==> flow/design.v <==
module gen_data_mux_v2 #(
   parameter WIDTH = 1,
   parameter N_IN = 10,
   parameter SBITS = $clog2(N_IN)
) (
   input  i_clk,
   input  resetn,
   input  [N_IN*WIDTH-1:0] ch,
   input  [SBITS-1:0] sel,
   output [WIDTH-1:0] y
);
   reg [N_IN*WIDTH-1:0] ch_q;
   reg [SBITS-1:0] sel_q;
   always @(posedge i_clk or negedge resetn) begin
      if (~resetn) begin
         ch_q <= 0;
         sel_q <= 0;
      end else begin
         ch_q <= ch;
         sel_q <= sel;
      end
   end
   reg [WIDTH-1:0] nxt;
   integer i;
   always @* begin
      nxt = 0;
      for (i = 0; i < N_IN; i = i + 1)
         if (sel_q == i) nxt = ch_q[i*WIDTH +: WIDTH];
   end
   assign y = nxt;
endmodule
Lab notebook: gen_data_mux_v2

### Tool chain data of gen_data_mux_v2

Module gen_data_mux_v2 in several versions that differ in "N_IN"; each step lists the members.
The file above is the member N_IN = 10. Line numbers count from 1 in each member's own file.
Library cell names are shortened.
A cell with -- has no value.

* top module: gen_data_mux_v2
* clock input: i_clk
* library: sky130hd
* timing corner: tt_025C_1v80

### Source of the members

New or changed lines of each further member against the RTL above, in its own file; lines it lacks are not shown.

Lines new or changed
* N_IN 16: line 3 `parameter N_IN = 16,`
* N_IN 20: line 3 `parameter N_IN = 20,`

### After elaboration

Yosys after proc, flatten, opt, wreduce and memory -nomap, before mapping. Enables and synchronous resets that opt folds into registers are not counted as muxes. Memory bits, and registers merged into a memory's read port (data or address), are not among the register bits. Print and check cells are not counted. Equal cells are merged and count once.

Cells by class
* N_IN 10: bitwise gates (word level) 0, mux-type cells 10, shift-type cells 0, add/sub/neg operators 0, reduce/logical cells 1, order comparisons 0, eq/ne operators 9, $mul 0, divide/modulo/power cells 0
* N_IN 16: bitwise gates (word level) 0, mux-type cells 16, shift-type cells 0, add/sub/neg operators 0, reduce/logical cells 1, order comparisons 0, eq/ne operators 15, $mul 0, divide/modulo/power cells 0
* N_IN 20: bitwise gates (word level) 0, mux-type cells 20, shift-type cells 0, add/sub/neg operators 0, reduce/logical cells 1, order comparisons 0, eq/ne operators 19, $mul 0, divide/modulo/power cells 0

Operator list (kinds with counts)
* N_IN 10: equality test 4 x 3 -> 1 bit (second input constant): 4; 2-to-1 mux 1 bit: 10; equality test 4 x 2 -> 1 bit (second input constant): 2; equality test 4 bit (second input constant): 2; equality test 4 x 1 -> 1 bit (second input constant): 1; zero test 4 bit: 1
* N_IN 16: equality test 4 bit (second input constant): 8; equality test 4 x 3 -> 1 bit (second input constant): 4; 2-to-1 mux 1 bit: 16; equality test 4 x 2 -> 1 bit (second input constant): 2; equality test 4 x 1 -> 1 bit (second input constant): 1; zero test 4 bit: 1
* N_IN 20: equality test 5 x 4 -> 1 bit (second input constant): 8; equality test 5 x 3 -> 1 bit (second input constant): 4; equality test 5 bit (second input constant): 4; 2-to-1 mux 1 bit: 20; equality test 5 x 2 -> 1 bit (second input constant): 2; equality test 5 x 1 -> 1 bit (second input constant): 1; zero test 5 bit: 1

Bit counts
* N_IN 10: ROM bits 0, memories kept 0, output and inout bits 1, bits in latches 0, word-level cells 22, register bits after elaboration 14, RAM bits 0, clocked read ports x word width 0, input bits 16
* N_IN 16: ROM bits 0, memories kept 0, output and inout bits 1, bits in latches 0, word-level cells 34, register bits after elaboration 20, RAM bits 0, clocked read ports x word width 0, input bits 22
* N_IN 20: ROM bits 0, memories kept 0, output and inout bits 1, bits in latches 0, word-level cells 42, register bits after elaboration 25, RAM bits 0, clocked read ports x word width 0, input bits 27

### Longest topological paths

Depth = most cells in a row (Yosys ltp): at word level without a register or memory, in the mapped netlist without a sequential cell, where the memories' decode and read muxes count.

Logic depth
* N_IN 10: depth after elaboration 11, ABC_AREA 0, depth in mapped cells 3
* N_IN 16: depth after elaboration 17, ABC_AREA 0, depth in mapped cells 5
* N_IN 20: depth after elaboration 21, ABC_AREA 0, depth in mapped cells 7

### After synthesis

Source: synth_stat.txt of the flow (Yosys; design flattened, memories mapped). It holds for the ABC_AREA given above (unset counts as 0); a run with the other value may have another netlist.

Cells by type (type and count)
* N_IN 10: dfrtp_1: 14; mux2i_1: 5; nor3b_1: 2; o41a_1: 1; o221ai_1: 1; nand2b_1: 1; or2_2: 1; nor3_1: 1
* N_IN 16: dfrtp_1: 20; mux4_1: 3; mux2i_1: 2; buf_6: 1; a221oi_1: 1; a31o_2: 1; nand2b_1: 1; nor2b_1: 1; o22ai_1: 1; a21oi_1: 1; nand3_1: 1; o21ai_0: 1; o21ai_1: 1; inv_1: 1
* N_IN 20: dfrtp_1: 25; buf_2: 5; a21oi_1: 4; mux2i_1: 2; or4b_1: 2; nor2_1: 5; nor2b_1: 3; or3b_1: 2; nand2_1: 4; nor3b_1: 2; o21ai_0: 3; o21bai_1: 2; nand2b_1: 2; mux2_2: 1; o41a_1: 1; a311o_1: 1; nor3_1: 2; o311ai_0: 1; [+8]

The mark [+n] counts cells that are not listed.

Mapped netlist
* N_IN 10: flip-flops 14, mapped cells 26, mapped area 452.9 µm²
* N_IN 16: flip-flops 20, mapped cells 36, mapped area 670.6 µm²
* N_IN 20: flip-flops 25, mapped cells 75, mapped area 948.4 µm²

### Worst setup path after synthesis

Path of least setup slack by OpenSTA after synthesis, without wires, with an ideal clock, recovery checks aside; 20% of the period is set as input and as output delay. Where synthesis merged equal registers, the netlist keeps one of their names.

Path after synthesis
* N_IN 10: kind flip-flop to output port, start point register sel_q[3], end point output port y[0], stages 4, setup slack 0.267 ns, clock period 1.67 ns, delay of the path 1.069 ns, period reached after synthesis 1.403 ns
* N_IN 16: kind flip-flop to output port, start point register sel_q[0], end point output port y[0], stages 5, setup slack 0.308 ns, clock period 1.91 ns, delay of the path 1.220 ns, period reached after synthesis 1.602 ns
* N_IN 20: kind flip-flop to output port, start point register sel_q[2], end point output port y[0], stages 6, setup slack 0.414 ns, clock period 2.6 ns, delay of the path 1.666 ns, period reached after synthesis 2.186 ns

"delay of the path" = arrival - input delay + setup time.
A path that ends at an output port has no setup time.
"stages": output pins that drive a net of the path, with the launching flip-flop's if there is one; two outputs of one cell count as two.
"period reached after synthesis" = period - worst setup slack (recovery checks aside). The figure is calculated, with input and output delays left at 20% of the set period.
The rows between start and end are the longest chain of elaborated cells between them; the timing report does not say that the signal goes this way. Where chains are equally long, one stands for them.
Each line given opens the expression or statement behind the cell; cells for indexed reads and writes are added by Yosys, which also makes memories of some case tables.

On the way, after synthesis, N_IN = 10:
* cells in the longest elaborated chain: 11

Ends and longest elaborated chain, after synthesis, N_IN = 10
* start, declared: line 13 `reg [SBITS-1:0] sel_q;`
* start, assigned: line 17 `sel_q <= 0;`
* start, assigned: line 20 `sel_q <= sel;`
* zero test 4 bit: line 28 `if (sel_q == i) nxt = ch_q[i*WIDTH +: WIDTH];`
* 2-to-1 mux 1 bit x10: line 28
* end, declared: line 10 `output [WIDTH-1:0] y`

On the way, after synthesis, N_IN = 20:
* cells in the longest elaborated chain: 21

Ends and longest elaborated chain, after synthesis, N_IN = 20
* start, declared: line 13 `reg [SBITS-1:0] sel_q;`
* start, assigned: line 17 `sel_q <= 0;`
* start, assigned: line 20 `sel_q <= sel;`
* zero test 5 bit: line 28 `if (sel_q == i) nxt = ch_q[i*WIDTH +: WIDTH];`
* 2-to-1 mux 1 bit x20: line 28
* end, declared: line 10 `output [WIDTH-1:0] y`

### Path in the finished layout

Path of least setup slack in the final report of each member's run (OpenROAD, finished layout, wires in). Where an end is a register, its clock arrival counts in the times.

Path post-layout
* N_IN 10: kind flip-flop to output port, start point register sel_q[3], end point output port y[0], clock period 1.67 ns, data arrival time 1.49 ns, stages 5, setup slack -0.16 ns
* N_IN 16: kind flip-flop to output port, start point register sel_q[0], end point output port y[0], clock period 1.91 ns, data arrival time 1.61 ns, stages 5, setup slack -0.08 ns
* N_IN 20: kind flip-flop to output port, start point register sel_q[3], end point output port y[0], clock period 2.6 ns, data arrival time 2.05 ns, stages 6, setup slack 0.03 ns

### Measured runs

One run of the flow (Yosys, OpenROAD) for each member, with settings and measured results. Input and output delays are each 20% of the period that was set; the output load is 0.01 pF.

* CAP_MARGIN: 20
* CORE_MARGIN: 2
* CORE_UTILIZATION: 40
* SLEW_MARGIN: 20

Settings by member (period_ns)
* N_IN 10: 1.67
* N_IN 16: 1.91
* N_IN 20: 2.6

Measured results
* N_IN 10: post-layout utilization 61.6%, die footprint 1417.5 µm², worst setup slack after layout -0.156 ns, setup total negative slack -0.156 ns, chip area in the Yosys report 452.9 µm²
* N_IN 16: post-layout utilization 61.2%, die footprint 2020.0 µm², worst setup slack after layout -0.085 ns, setup total negative slack -0.085 ns, chip area in the Yosys report 670.6 µm²
* N_IN 20: post-layout utilization 62.3%, die footprint 2776.8 µm², worst setup slack after layout 0.027 ns, setup total negative slack 0.000 ns, chip area in the Yosys report 948.4 µm²
